==> flow/design.v <==
module alu_relation #(
  parameter DWIDTH = 18
) (
  input  wire clk,
  input  wire i_rst_n,
  input  wire [DWIDTH-1:0] op_a_in,
  input  wire [DWIDTH-1:0] op_b_in,
  input  wire [DWIDTH-1:0] op_c_in,
  output reg [DWIDTH-1:0] result_out
);
  reg [DWIDTH-1:0] op_a_reg;
  reg [DWIDTH-1:0] op_b_reg;
  reg [DWIDTH-1:0] op_c_reg;
  always @(posedge clk or negedge i_rst_n) begin
    if (!i_rst_n) begin
      op_a_reg <= 0;
      op_b_reg <= 0;
      op_c_reg <= 0;
      result_out <= 0;
    end else begin
      op_a_reg <= op_a_in;
      op_b_reg <= op_b_in;
      op_c_reg <= op_c_in;
      result_out <= (op_a_reg < op_b_reg) ? op_b_reg : (op_a_reg > op_c_reg) ? op_c_reg : op_a_reg;
    end
  end
endmodule
**Tool chain data of alu_relation**

The steps from the RTL of alu_relation to its reports follow in flow order.
Line numbers count from 1 in the design file above.
A cell with -- has no value.

- Top: alu_relation
- Clock: clk
- Standard-cell library: sky130hd
- Library corner: tt_025C_1v80

**After elaboration**

Source: Yosys, flattened and elaborated, memories not mapped. Widths are those after wreduce; folded enables and synchronous resets count as part of the registers. Registers that Yosys merges into a memory's read port (data or address) are not register bits. Print and check cells do not count. Equal cells are merged and count once.

- Equal/unequal tests: 0
- Muxes and demuxes: 2
- Reduce/logical cells: 0
- Multiply operators: 0
- Shift operators: 0
- Div/mod/pow operators: 0
- Bitwise gates (word level): 0
- Order comparisons: 2
- $add $sub $neg: 0

Operator list:

| kind | count |
|---|---|
| 2-to-1 mux 18 bit | 2 |
| > comparator 18 bit | 1 |
| less-than comparator 18 bit | 1 |

- Clocked read ports x word width: 0
- Elaborated cells: 8
- Bits in read-only memories: 0
- Bits in writable memories: 0
- Bits of input ports: 56
- Bits in registers: 72
- Output and inout port bits: 18
- Memories kept: 0
- Latch bits: 0

**Logic depth**

Depth = most cells in a row (Yosys ltp): at word level without a register or memory, in the mapped netlist without a sequential cell, where the memories' decode and read muxes count.

- Depth after elaboration: 3
- ABC_AREA: 0
- Depth in mapped cells: 10
- Depth with buffers taken out: 7

**Netlist**

Source: synth_stat.txt of the flow (Yosys; design flattened, memories mapped). It holds for the ABC_AREA given above (unset counts as 0); a run with the other value may have another netlist.
The area totals of this step are shown rounded.

- Sequential area: 1800 µm²
- Buffer cells: 19
- Synthesis area: 3710 µm²
- Mapped cells: 314
- Flip-flop cells: 72

Cells by type:

| cell | count | total area (µm²) |
|---|---|---|
| sky130_fd_sc_hd__dfrtp_1 | 72 | 1.8E+03 |
| sky130_fd_sc_hd__ha_1 | 35 | 437.92 |
| sky130_fd_sc_hd__a2111oi_0 | 18 | 157.651 |
| sky130_fd_sc_hd__a41oi_2 | 9 | 146.39 |
| sky130_fd_sc_hd__nand4_1 | 23 | 143.888 |
| sky130_fd_sc_hd__a22oi_1 | 18 | 135.13 |
| sky130_fd_sc_hd__inv_1 | 36 | 135.13 |
| sky130_fd_sc_hd__o211ai_1 | 17 | 127.622 |
| sky130_fd_sc_hd__a41oi_1 | 8 | 70.067 |
| sky130_fd_sc_hd__a21oi_1 | 13 | 65.062 |
| sky130_fd_sc_hd__buf_2 | 7 | 35.034 |
| sky130_fd_sc_hd__buf_6 | 3 | 33.782 |
| sky130_fd_sc_hd__nand2_1 | 9 | 33.782 |
| sky130_fd_sc_hd__o21a_1 | 4 | 30.029 |
| sky130_fd_sc_hd__a211oi_2 | 2 | 25.024 |
| sky130_fd_sc_hd__a21o_1 | 3 | 22.522 |
| sky130_fd_sc_hd__clkbuf_1 | 6 | 22.522 |
| sky130_fd_sc_hd__nor4_4 | 1 | 21.27 |

Other cell types: 25; their cells: 30.

**Worst setup path after synthesis**

Path of least setup slack by OpenSTA after synthesis, without wires, with an ideal clock, recovery checks aside; 20% of the period is set as input and as output delay. Where synthesis merged equal registers, the netlist keeps one of their names.

- Path type: flip-flop to flip-flop
- Start: register op_a_reg[15]
- End: register result_out[10]
- Launch time at the first pin: 0.000 ns
- Arrival: 1.988 ns
- Period: 2.67 ns
- Stages: 9
- Setup time: 0.151 ns
- Path buffers: 2
- Path delay: 2.139 ns
- Setup slack: 0.531 ns
- Required time: 2.519 ns
- Synthesis period reached: 2.139 ns

"path delay" is the arrival time less input delay plus setup time.
"stages": output pins that drive a net of the path, with the launching flip-flop's if there is one; two outputs of one cell count as two.
"synthesis period reached" is the clock period less the worst setup slack; recovery checks do not enter. This is arithmetic on one report: input and output delays are still those of the set period (20% each).
Between the ends stands the longest chain of elaborated cells between them, by number of cells; it is not shown to be the way that was timed. Of several equally long chains one is given.
Each line given opens the expression or statement behind the cell; cells for indexed reads and writes are added by Yosys, which also makes memories of some case tables.

- Cell sequence: sky130_fd_sc_hd__dfrtp_1 sky130_fd_sc_hd__ha_1 sky130_fd_sc_hd__nand4_1 sky130_fd_sc_hd__or3_4 sky130_fd_sc_hd__nor3_4 sky130_fd_sc_hd__a211o_1 sky130_fd_sc_hd__buf_6 sky130_fd_sc_hd__buf_12 sky130_fd_sc_hd__a41oi_2
- Cells in the longest elaborated chain: 3
- Elaborated cells on any way between the ends: 4
- RTL lines with such cells: 1
- Classes of those cells: compare (2); mux (2)

Ends and longest elaborated chain, after synthesis:

| what | RTL line | source |
|---|---|---|
| from (decl) | 11 | `reg [DWIDTH-1:0] op_a_reg;` |
| from (assign) | 16 | `op_a_reg <= 0;` |
| from (assign) | 21 | `op_a_reg <= op_a_in;` |
| > comparator 18 bit | 24 | `result_out <= (op_a_reg < op_b_reg) ? op_b_reg : (op_a_reg > op_c_reg) ? op_c_reg : op_a_reg;` |
| 2-to-1 mux 18 bit (2 in a row) | 24 |  |
| to (assign) | 19 | `result_out <= 0;` |
| to (assign) | 24 |  |
| to (decl) | 9 | `output reg [DWIDTH-1:0] result_out` |

**Worst path after layout**

From the final timing report of run 1: the path of least setup slack in the routed layout; clock arrival at registers is part of the times.

- Path type: flip-flop to flip-flop
- Start: register op_a_reg[7]
- End: register result_out[7]
- Setup slack: -0.03 ns
- Period: 2.46 ns
- Arrival: 2.75 ns
- Launch time at the first pin: 0.35 ns
- Required time: 2.72 ns
- Setup time: 0.08 ns
- Stages: 7
- Path buffers: 0

Between the ends stands the longest chain of elaborated cells between them, by number of cells; it is not shown to be the way that was timed. Of several equally long chains one is given.

- Cell sequence: sky130_fd_sc_hd__dfrtp_1 sky130_fd_sc_hd__ha_1 sky130_fd_sc_hd__a211oi_1 sky130_fd_sc_hd__nor2_1 sky130_fd_sc_hd__o31ai_4 sky130_fd_sc_hd__nand4_1 sky130_fd_sc_hd__a41oi_2
- Cells in the longest elaborated chain: 3
- Elaborated cells on any way between the ends: 4
- RTL lines with such cells: 1
- Classes of those cells: compare (2); mux (2)

Ends and longest elaborated chain, post-layout:

| what | RTL line | source |
|---|---|---|
| from (decl) | 11 | `reg [DWIDTH-1:0] op_a_reg;` |
| from (assign) | 16 | `op_a_reg <= 0;` |
| from (assign) | 21 | `op_a_reg <= op_a_in;` |
| > comparator 18 bit | 24 | `result_out <= (op_a_reg < op_b_reg) ? op_b_reg : (op_a_reg > op_c_reg) ? op_c_reg : op_a_reg;` |
| 2-to-1 mux 18 bit (2 in a row) | 24 |  |
| to (assign) | 19 | `result_out <= 0;` |
| to (assign) | 24 |  |
| to (decl) | 9 | `output reg [DWIDTH-1:0] result_out` |

Add stored flow runs of alu_relation

Measured data: module alu_relation, platform sky130hd, 2 stored runs of the flow under differing settings, order arbitrary. Input and output delays are each 20% of the period that was set; the output load is 0.01 pF.
"reached clock period" is the run's clock period less its worst setup slack. It is reckoned from that one timing run; input and output delays stay at 20% of the period that was set.
"worst path time" is the time allowed to the run's worst setup path (the clock period less input and output delay, where it has them) less its slack. Clock arrival times count: a late capture clock shortens it, a late launch clock lengthens it.
"total power of the final layout": no workload was simulated; the value follows from the tool's default switching activity.
Results are given in rounded form.

### Run 1

Settings: `period_ns=2.46`, `CORE_UTILIZATION=34`, `SETUP_SLACK_MARGIN=-0.23`, `PLACE_DENSITY=0.86`, `CELL_PAD_IN_SITES_GLOBAL_PLACEMENT=1`, `TNS_END_PERCENT=90`, `GPL_ROUTABILITY_DRIVEN=0`, `CTS_CLUSTER_SIZE=91`, `SLEW_MARGIN=5`, `CAP_MARGIN=20`, `CORE_MARGIN=2`

- Utilization of the finished layout: 0.46
- Die area: 11800 µm²
- Total power of the final layout: 2.90 mW
- Standard-cell area after layout: 4950 µm²
- Total negative slack: -0.169 ns
- Worst path time: 2.49 ns
- Critical path kind: flip-flop to flip-flop
- Synthesized cell area: 3710 µm²
- Worst setup slack after layout: -0.032 ns
- Reached clock period: 2.492 ns

### Run 2

Settings: `period_ns=2.67`, `CAP_MARGIN=20`, `CORE_MARGIN=2`, `CORE_UTILIZATION=40`, `SLEW_MARGIN=20`

- Total negative slack: 0.000 ns
- Worst path time: 2.52 ns
- Critical path kind: flip-flop to flip-flop
- Die area: 10100 µm²
- Standard-cell area after layout: 4770 µm²
- Synthesized cell area: 3710 µm²
- Utilization of the finished layout: 0.523
- Total power of the final layout: 2.48 mW
- Worst setup slack after layout: 0.155 ns
- Reached clock period: 2.515 ns
